==> flow/design.v <==
module ex_shift #(
  parameter integer DWIDTH = 8,
  parameter integer SEL_W = $clog2(DWIDTH)
) (
  input clk_i,
  input rst_n,
  input [DWIDTH-1:0] bus_i,
  input [SEL_W-1:0] count_i,
  output [DWIDTH-1:0] data_out_o
);
  reg [DWIDTH-1:0] r_bus;
  reg [SEL_W-1:0] r_count;
  always @(posedge clk_i) begin
    if (!rst_n) begin
      r_bus <= 0;
      r_count <= 0;
    end else begin
      r_bus <= bus_i;
      r_count <= count_i;
    end
  end
  reg [DWIDTH-1:0] r;
  integer idx;
  always @(*) begin
    r = r_bus;
    for (idx = 0; idx < SEL_W; idx = idx + 1)
      if (r_count[idx]) r = r >> (1 << idx);
  end
  reg [DWIDTH-1:0] r_data_out;
  always @(posedge clk_i) begin
    if (!rst_n) begin
      r_data_out <= 0;
    end else begin
      r_data_out <= r;
    end
  end
  assign data_out_o = r_data_out;
endmodule
# From RTL to reports: ex_shift
# A sweep over "DWIDTH": the same steps for each member of the family.
# The RTL above is that of DWIDTH 8; lines are counted from 1 in the file of the member named.
# Cell names lack the library's common part.
design:
  design: "ex_shift"
  clk_port: "clk_i"
  lib: "sky130hd"
  corner: "tt_025C_1v80"

# Source of the members
# Lines of each other member's file that are new or changed against the file above; lines that a member lacks are not shown.
src_changes:
  columns: ["DWIDTH", "line", "text"]
  rows:
  - [24, 2, "parameter integer DWIDTH = 24,"]
  - [64, 2, "parameter integer DWIDTH = 64,"]
  - [96, 2, "parameter integer DWIDTH = 96,"]

# Word level
# Source: Yosys, flattened and elaborated, memories not mapped. Widths are those after wreduce. Registers that Yosys merges into a memory's read port (data or address) are not register bits. Print and check cells do not count. Equal cells are merged and count once.
op_classes:
  columns: ["DWIDTH", "addsub", "mul", "div", "cmp", "eq_ne", "n_shift", "muxes", "logic", "n_reduce_logical"]
  rows:
  - [8, 0, 0, 0, 0, 0, 0, 3, 1, 1]
  - [24, 0, 0, 0, 0, 0, 0, 5, 1, 1]
  - [64, 0, 0, 0, 0, 0, 0, 6, 1, 1]
  - [96, 0, 0, 0, 0, 0, 0, 7, 1, 1]
ops:
  columns: ["DWIDTH", "operators"]
  rows:
  - [8, "8-bit 2-to-1 mux: 2; 4-bit 2-to-1 mux: 1; 2-bit OR reduction: 1; 1-bit inverter: 1"]
  - [24, "24-bit 2-to-1 mux: 4; 8-bit 2-to-1 mux: 1; 2-bit OR reduction: 1; 1-bit inverter: 1"]
  - [64, "64-bit 2-to-1 mux: 5; 32-bit 2-to-1 mux: 1; 2-bit OR reduction: 1; 1-bit inverter: 1"]
  - [96, "96-bit 2-to-1 mux: 6; 32-bit 2-to-1 mux: 1; 2-bit OR reduction: 1; 1-bit inverter: 1"]
word_totals:
  columns: ["DWIDTH", "regBits", "latchBits", "mem_bits_rw", "mem_bits_ro", "clocked_rd_ports_x_width", "mem_count", "output_inout_bits"]
  rows:
  - [8, 19, 0, 0, 0, 0, 0, 8]
  - [24, 53, 0, 0, 0, 0, 0, 24]
  - [64, 134, 0, 0, 0, 0, 0, 64]
  - [96, 199, 0, 0, 0, 0, 0, 96]

# Logic depth
# Yosys ltp: most cells in a row. Word level: on the elaborated netlist, between registers, memories and ports. Mapped: between sequential cells and ports; inverters and the memories' decode and read muxes count.
depth:
  columns: ["DWIDTH", "ltp_word", "ABC_AREA", "ltp_mapped", "mapped_depth_nobuf"]
  rows:
  - [8, 3, 0, 4, 3]
  - [24, 5, 0, 7, 4]
  - [64, 6, 0, 9, 5]
  - [96, 7, 0, 10, 5]

# Netlist
# Yosys stat after the flow's synthesis: flattened, memories mapped to cells. It holds for the ABC_AREA given above (unset counts as 0); a run with the other value may have another netlist.
mapped:
  columns: ["DWIDTH", "cells", "mapped_area_mm2", "seqArea_mm2", "ffs", "buf_cells"]
  rows:
  - [8, 66, 0.0007157, 0.0003804, 19, 4]
  - [24, 226, 0.002565, 0.001061, 53, 17]
  - [64, 724, 0.0075522, 0.0026826, 134, 59]
  - [96, 1110, 0.012751, 0.0039838, 199, 108]
by_type:
  columns: ["DWIDTH", "type_list"]
  rows:
  - [8, "dfxtp_1: 19; and2_1: 11; mux2i_1: 3; mux4_1: 1; a211oi_1: 3; nand2b_1: 3; o32ai_1: 2; mux2_4: 1; nand2_1: 4; o22ai_2: 1; buf_6: 1; mux2_2: 1; nor2_1: 3; nor3_1: 2; o22a_1: 1; and2b_1: 1; buf_4: 1; inv_1: 2; (+6)"]
  - [24, "dfxtp_1: 53; mux2i_1: 23; mux4_2: 10; and2_1: 35; mux4_1: 8; a211oi_1: 8; mux2_2: 5; o221ai_1: 6; nand2_1: 12; a22o_1: 5; nor2_1: 11; buf_6: 3; a21oi_1: 6; buf_2: 5; clkbuf_1: 6; buf_4: 2; buf_8: 1; nand3_1: 3; (+24)"]
  - [64, "dfxtp_1: 134; mux4_2: 60; mux2i_1: 93; and2_1: 81; nor2_1: 61; nand2_1: 58; mux2_2: 19; clkbuf_1: 30; buf_6: 8; a211oi_1: 11; buf_2: 16; a22oi_1: 10; a21oi_1: 14; o21ai_0: 14; o221ai_1: 8; a32oi_1: 7; a221o_1: 6; o22ai_1: 9; (+85)"]
  - [96, "dfxtp_1: 199; mux4_2: 157; mux2i_1: 113; and2_1: 109; mux2_2: 39; nor2_1: 70; nand2_1: 65; o22ai_1: 33; clkbuf_1: 41; buf_2: 28; mux4_1: 5; buf_6: 11; a21oi_1: 22; o221ai_1: 12; a211oi_1: 13; buf_4: 10; o211ai_1: 9; nor3_1: 11; (+163)"]
# A list marked (+n) leaves out that many cells.

# Timing after synthesis
# OpenSTA on the mapped netlist: ideal clock, no wires. The path of least setup slack (recovery checks aside). Input and output delay are each 20% of the period. Register names are those of the netlist, which keeps one name where synthesis merged equal registers.
synth_path:
  columns: ["DWIDTH", "path_kind", "startpoint", "endpoint", "clock_period_ns", "setup_slack_ns", "path_stages", "delay_ns", "synth_period_reached_ns"]
  rows:
  - [8, "register to register", "register r_count[0]", "register r_data_out[0]", 1.41, 0.281, 4, 1.130, 1.129]
  - [24, "register to register", "register r_count[0]", "register r_data_out[9]", 2.06, 0.414, 6, 1.646, 1.646]
  - [64, "register to register", "register r_count[2]", "register r_data_out[2]", 2.55, 0.510, 7, 2.040, 2.04]
  - [96, "register to register", "register r_count[0]", "register r_data_out[0]", 2.95, 0.590, 8, 2.360, 2.36]
# "delay_ns" is the arrival time less input delay plus setup time.
# "path_stages" counts driving pins, that of a launching flip-flop among them; a cell with two outputs on the path counts twice.
# "synth_period_reached_ns" = period - worst setup slack (recovery checks aside). The figure is calculated, with input and output delays left at 20% of the set period.
# The rows between start and end are the longest chain of elaborated cells between them; the timing report does not say that the signal goes this way. Where chains are equally long, one stands for them.
# A line is the first line of the expression or statement that the cell stems from. Yosys adds cells for indexed reads and writes and turns some case tables into memories.
synth_between_DWIDTH_8:
  elab_chain_cells: 3
synth_lines_DWIDTH_8:
  columns: ["element", "line", "text"]
  rows:
  - ["from (decl)", 12, "reg [SEL_W-1:0] r_count;"]
  - ["from (assign)", 16, "r_count <= 0;"]
  - ["from (assign)", 19, "r_count <= count_i;"]
  - ["8-bit 2-to-1 mux (2 in a row)", 27, "if (r_count[idx]) r = r >> (1 << idx);"]
  - ["4-bit 2-to-1 mux", 27, null]
  - ["to (assign)", 32, "r_data_out <= 0;"]
  - ["to (assign)", 34, "r_data_out <= r;"]
  - ["to (decl)", 29, "reg [DWIDTH-1:0] r_data_out;"]
synth_between_DWIDTH_96:
  elab_chain_cells: 7
synth_lines_DWIDTH_96:
  columns: ["element", "line", "text"]
  rows:
  - ["from (decl)", 12, "reg [SEL_W-1:0] r_count;"]
  - ["from (assign)", 16, "r_count <= 0;"]
  - ["from (assign)", 19, "r_count <= count_i;"]
  - ["96-bit 2-to-1 mux (6 in a row)", 27, "if (r_count[idx]) r = r >> (1 << idx);"]
  - ["32-bit 2-to-1 mux", 27, null]
  - ["to (assign)", 32, "r_data_out <= 0;"]
  - ["to (assign)", 34, "r_data_out <= r;"]
  - ["to (decl)", 29, "reg [DWIDTH-1:0] r_data_out;"]

# Worst path after layout
# Path of least setup slack in the final report of each member's run (OpenROAD, finished layout, wires in). Where an end is a register, its clock arrival counts in the times.
layout_path:
  columns: ["DWIDTH", "path_kind", "startpoint", "endpoint", "clock_period_ns", "setup_slack_ns", "path_stages", "t_arrival_ns", "n_path_buf"]
  rows:
  - [8, "register to register", "register r_count[0]", "register r_data_out[0]", 1.41, 0.20, 5, 1.39, 1]
  - [24, "register to register", "register r_count[0]", "register r_data_out[10]", 2.06, 0.24, 6, 2.00, 1]
  - [64, "register to register", "register r_count[2]", "register r_data_out[3]", 2.55, 0.12, 8, 2.74, 2]
  - [96, "register to register", "register r_count[0]", "register r_data_out[27]", 2.95, 0.09, 8, 3.19, 2]

# Flow runs
# Settings and results of one run of the flow (Yosys, OpenROAD) for each member follow. The constraints put input and output delay at 20% of the set period each and load the outputs with 0.01 pF.
settings:
  CAP_MARGIN: 20
  CORE_MARGIN: 2
  CORE_UTILIZATION: 40
  SLEW_MARGIN: 20
settings_diff:
  columns: ["DWIDTH", "period_ns"]
  rows:
  - [8, 1.41]
  - [24, 2.06]
  - [64, 2.55]
  - [96, 2.95]
measured:
  columns: ["DWIDTH", "synth_area_mm2", "design.die.area_mm2", "finalCellArea_mm2", "worst_setup_slack_ns", "fin_tns_ns", "hold_ws_ns", "power_w", "timing.achieved_period_ns"]
  rows:
  - [8, 0.0007157, 0.0021437, 0.0009522, 0.204, 0.000, 0.518, 0.0009753, 1.206]
  - [24, 0.002565, 0.0070686, 0.0033169, 0.236, 0.000, 0.672, 0.002362, 1.824]
  - [64, 0.0075522, 0.0199954, 0.0102198, 0.120, 0.000, 0.415, 0.006477, 2.430]
  - [96, 0.012751, 0.0333209, 0.0161968, 0.087, 0.000, 0.543, 0.007698, 2.863]
# "timing.achieved_period_ns" means the clock period less the worst setup slack. The figure is calculated, with input and output delays left at 20% of the set period.
# By "power_w" is meant OpenSTA's value without simulated activity: inputs other than the clock are taken to toggle once in ten clock periods, and the tool carries that through the logic.
